==> flow/design.v <==
module order #(
   parameter DWIDTH = 72
) (
   input logic aclk,
   input logic RSTN,
   input logic valid,
   input logic [DWIDTH-1:0] in_dataa,
   input logic [DWIDTH-1:0] in_datab,
   output logic out_a_gt_b
);
   logic [DWIDTH-1:0] dataa_d1;
   always_ff @(posedge aclk or negedge RSTN) begin
      if (~RSTN) begin
         dataa_d1 <= '0;
      end else if (valid) begin
         dataa_d1 <= in_dataa;
      end
   end
   logic [DWIDTH-1:0] datab_d1;
   always_ff @(posedge aclk or negedge RSTN) begin
      if (~RSTN) begin
         datab_d1 <= '0;
      end else if (valid) begin
         datab_d1 <= in_datab;
      end
   end
   logic [DWIDTH:0] cy;
   assign cy[0] = 1'b0;
   generate
      for (genvar g = 0; g < DWIDTH; g++) begin : u_g
         assign cy[g+1] = (dataa_d1[g] ^ datab_d1[g]) ? dataa_d1[g] : cy[g];
      end
   endgenerate
   assign out_a_gt_b = cy[DWIDTH];
endmodule
# ---- Reports on order
# Tool output for the design above, in the order of the flow.
# Lines are those of the file above, counted from 1.
# Operators carry their Yosys type and port widths (W data, S select, Z words).
# Library cell names are shortened.
# Not given: -
dict set report design {
  top {order}
  clk_port {aclk}
  cell_library {sky130hd}
  lib_corner {tt_025C_1v80}
}

# ---- Word-level counts
# Source: Yosys, flattened and elaborated, memories not mapped. Widths are those after wreduce; folded enables and synchronous resets count as part of the registers. Registers that Yosys merges into a memory's read port (data or address) are not register bits. Print and check cells do not count. Equal cells are merged and count once.
dict set report classes {
  muxes 72
  bitwise 72
}
# op count
set ops {}
lappend ops {{$xor A1 B1 Y1} 72}
lappend ops {{$mux W1} 72}
dict set report bits {
  out_inout_bits 1
  input_bits 147
  regBits 144
}

# ---- Longest topological paths
# Yosys ltp: most cells in a row. Word level: on the elaborated netlist, between registers, memories and ports. Mapped: between sequential cells and ports; inverters and the memories' decode and read muxes count.
dict set report logic_depth {
  depth_word 73
  abc_area 0
  mapped_depth 8
}

# ---- Netlist
# Yosys stat after the flow's synthesis: flattened, memories mapped to cells. It holds for the ABC_AREA given above (unset counts as 0); a run with the other value may have another netlist.
# cell_type count
set by_type {}
lappend by_type {dfrtp_1 144}
lappend by_type {mux2_2 79}
lappend by_type {o21ai_0 67}
lappend by_type {nand2_1 73}
lappend by_type {inv_1 61}
lappend by_type {nor2b_1 24}
lappend by_type {nand2b_1 18}
lappend by_type {a2111oi_4 3}
lappend by_type {clkbuf_1 21}
lappend by_type {o22ai_1 10}
lappend by_type {o2111ai_1 7}
lappend by_type {a22oi_1 7}
lappend by_type {maj3_1 5}
lappend by_type {maj3_2 4}
lappend by_type {a221oi_1 5}
lappend by_type {o221ai_1 4}
lappend by_type {a31oi_1 5}
lappend by_type {a21oi_1 6}
# Not listed: further types 29, cells in them 47.
dict set report mapped {
  yosys_area_mm2 0.0065288
  ffs 144
  cell_count 590
  sequential_area_mm2 0.0036035
  buffers 23
}

# ---- Worst setup path after synthesis
# OpenSTA on the mapped netlist: ideal clock, no wires. The path of least setup slack (recovery checks aside). Input and output delay are each 20% of the period. Register names are those of the netlist, which keeps one name where synthesis merged equal registers.
dict set report synth_path {
  kind {flip-flop to output port}
  from {reg datab_d1[62]}
  to {out out_a_gt_b}
  launch_ns 0.000
  driving_pins 9
  n_path_buf 0
  path_slack_ns 0.458
  period_ns 2.87
  t_arrival_ns 1.838
  delay_ns 1.838
  output_delay_ns 0.574
  period_less_setup_slack_ns 2.412
}
# "delay_ns" = arrival - input delay + setup time.
# At an output port there is no setup time.
# "driving_pins" counts driving pins, that of a launching flip-flop among them; a cell with two outputs on the path counts twice.
# "period_less_setup_slack_ns" is the clock period less the worst setup slack; recovery checks do not enter. This is arithmetic on one report: input and output delays are still those of the set period (20% each).
# Between the ends stands the longest chain of elaborated cells between them, by number of cells; it is not shown to be the way that was timed. Of several equally long chains one is given.
# A line is the first line of the expression or statement that the cell stems from. Yosys adds cells for indexed reads and writes and turns some case tables into memories.
dict set report synth_via {
  cell_sequence {dfrtp_1 > nand2b_1 > maj3_2 > maj3_2 > nand2_4 > a2111oi_4 > a2111oi_4 > o2111ai_1 > nand2_1}
  elab_chain_len 11
}
# item line
set synth_rtl {}
lappend synth_rtl {{from (decl)} 19} ;# logic [DWIDTH-1:0] datab_d1;
lappend synth_rtl {{from (assign)} 22} ;# datab_d1 <= '0;
lappend synth_rtl {{from (assign)} 24} ;# datab_d1 <= in_datab;
lappend synth_rtl {{$xor A1 B1 Y1} 31} ;# assign cy[g+1] = (dataa_d1[g] ^ datab_d1[g]) ? dataa_d1[g] : cy[g];
lappend synth_rtl {{$mux W1 x10} 31}
lappend synth_rtl {{to (decl)} 9} ;# output logic out_a_gt_b

# ---- Timing after layout
# Path of least setup slack in the final report of run 1 (OpenROAD, finished layout, wires in). Where an end is a register, its clock arrival counts in the times.
dict set report layout_path {
  kind {flip-flop to output port}
  from {reg datab_d1[38]}
  to {out out_a_gt_b}
  path_slack_ns -0.19
  driving_pins 10
  period_ns 2.87
  output_delay_ns 0.57
  t_arrival_ns 2.49
  n_path_buf 1
  launch_ns 0.41
}
# Between the ends stands the longest chain of elaborated cells between them, by number of cells; it is not shown to be the way that was timed. Of several equally long chains one is given.
dict set report layout_via {
  cell_sequence {dfrtp_1 > nor2b_4 > a2111oi_4 > o211ai_1 > nor4_2 > o211ai_1 > o2111ai_1 > o2111ai_1 > nand2_1 > buf_6}
  elab_chain_len 35
}
# item line
set layout_rtl {}
lappend layout_rtl {{from (decl)} 19} ;# logic [DWIDTH-1:0] datab_d1;
lappend layout_rtl {{from (assign)} 22} ;# datab_d1 <= '0;
lappend layout_rtl {{from (assign)} 24} ;# datab_d1 <= in_datab;
lappend layout_rtl {{$xor A1 B1 Y1} 31} ;# assign cy[g+1] = (dataa_d1[g] ^ datab_d1[g]) ? dataa_d1[g] : cy[g];
lappend layout_rtl {{$mux W1 x34} 31}
lappend layout_rtl {{to (decl)} 9} ;# output logic out_a_gt_b

## Implementation results

Measured results for order: 3 stored runs of the Yosys and OpenROAD flow on sky130hd. The settings differ; the order carries no meaning. The constraints put input and output delay at 20% of the set period each and load the outputs with 0.01 pF.
By "clock_period_reached_ns" is meant the clock period of the run minus its worst setup slack. This is arithmetic on one report: input and output delays are still those of the set period (20% each).
By "power_total_uw" is meant OpenSTA's value without simulated activity: inputs other than the clock are taken to toggle once in ten clock periods, and the tool carries that through the logic.

[flow] run 1: files
==> flow/run.sh <==
#!/bin/bash
# the make line also repeats the synthesis and layout settings of config.mk as NAME=value (left out here)
make -C /OpenROAD-flow-scripts/flow DESIGN_CONFIG=/design/flow/config.mk WORK_HOME=/design/flow/orfs CLKGATE_MAP_FILE= finish
==> flow/config.mk <==
export PLATFORM = sky130hd
export DESIGN_NAME = order
export DESIGN_NICKNAME = order
export VERILOG_FILES = /design/flow/design.v
export SDC_FILE = /design/flow/constraint.sdc
export NUM_CORES = 4
export LEC_CHECK = 0
export CAP_MARGIN = 20
export CORE_MARGIN = 2
export CORE_UTILIZATION = 40
export SLEW_MARGIN = 20
==> flow/constraint.sdc <==
create_clock -name core_clock -period 2.87 [get_ports {aclk}]
set_input_delay 0.5740 -clock core_clock [delete_from_list [all_inputs] [get_ports {aclk}]]
set_output_delay 0.5740 -clock core_clock [all_outputs]
set_load 0.01 [all_outputs]

[flow] run 1: metrics
[metrics] timing.setup.ws_ns = -0.193
[metrics] clock_period_reached_ns = 3.063
[metrics] design_die_area_mm2 = 0.0173594
[metrics] synth_area_mm2 = 0.0065288
[metrics] final_cell_area_mm2 = 0.0092576
[metrics] post_route_util_pct = 58.1
[metrics] power_total_uw = 5625

[flow] run 2: files
==> flow/run.sh <==
#!/bin/bash
# the make line also repeats the synthesis and layout settings of config.mk as NAME=value (left out here)
make -C /OpenROAD-flow-scripts/flow DESIGN_CONFIG=/design/flow/config.mk WORK_HOME=/design/flow/orfs CLKGATE_MAP_FILE= finish
==> flow/config.mk <==
export PLATFORM = sky130hd
export DESIGN_NAME = order
export DESIGN_NICKNAME = order
export VERILOG_FILES = /design/flow/design.v
export SDC_FILE = /design/flow/constraint.sdc
export NUM_CORES = 4
export LEC_CHECK = 0
export ABC_AREA = 0
export CAP_MARGIN = 20
export CORE_MARGIN = 2
export CORE_UTILIZATION = 20
export GPL_ROUTABILITY_DRIVEN = 0
export GPL_TIMING_DRIVEN = 0
export MIN_ROUTING_LAYER = met1
export SLEW_MARGIN = 20
==> flow/constraint.sdc <==
create_clock -name core_clock -period 3.13 [get_ports {aclk}]
set_input_delay 0.6260 -clock core_clock [delete_from_list [all_inputs] [get_ports {aclk}]]
set_output_delay 0.6260 -clock core_clock [all_outputs]
set_load 0.01 [all_outputs]

[flow] run 2: metrics
[metrics] timing.setup.ws_ns = -0.208
[metrics] clock_period_reached_ns = 3.338
[metrics] design_die_area_mm2 = 0.0341049
[metrics] synth_area_mm2 = 0.0065288
[metrics] final_cell_area_mm2 = 0.0093214
[metrics] post_route_util_pct = 28.8
[metrics] power_total_uw = 5185

[flow] run 3: files
==> flow/run.sh <==
#!/bin/bash
# the make line also repeats the synthesis and layout settings of config.mk as NAME=value (left out here)
make -C /OpenROAD-flow-scripts/flow DESIGN_CONFIG=/design/flow/config.mk WORK_HOME=/design/flow/orfs CLKGATE_MAP_FILE= finish
==> flow/config.mk <==
export PLATFORM = sky130hd
export DESIGN_NAME = order
export DESIGN_NICKNAME = order
export VERILOG_FILES = /design/flow/design.v
export SDC_FILE = /design/flow/constraint.sdc
export NUM_CORES = 4
export LEC_CHECK = 0
export ABC_AREA = 1
export CAP_MARGIN = 20
export CORE_MARGIN = 6
export CORE_UTILIZATION = 49
export CTS_CLUSTER_SIZE = 79
export PLACE_DENSITY_LB_ADDON = 0.03
export SLEW_MARGIN = 20
==> flow/constraint.sdc <==
create_clock -name core_clock -period 1.59 [get_ports {aclk}]
set_input_delay 0.3180 -clock core_clock [delete_from_list [all_inputs] [get_ports {aclk}]]
set_output_delay 0.3180 -clock core_clock [all_outputs]
set_load 0.01 [all_outputs]

[flow] run 3: metrics
[metrics] timing.setup.ws_ns = -3.321
[metrics] clock_period_reached_ns = 4.911
[metrics] design_die_area_mm2 = 0.0169078
[metrics] synth_area_mm2 = 0.0068265
[metrics] final_cell_area_mm2 = 0.0094929
[metrics] post_route_util_pct = 70.8
[metrics] power_total_uw = 9421
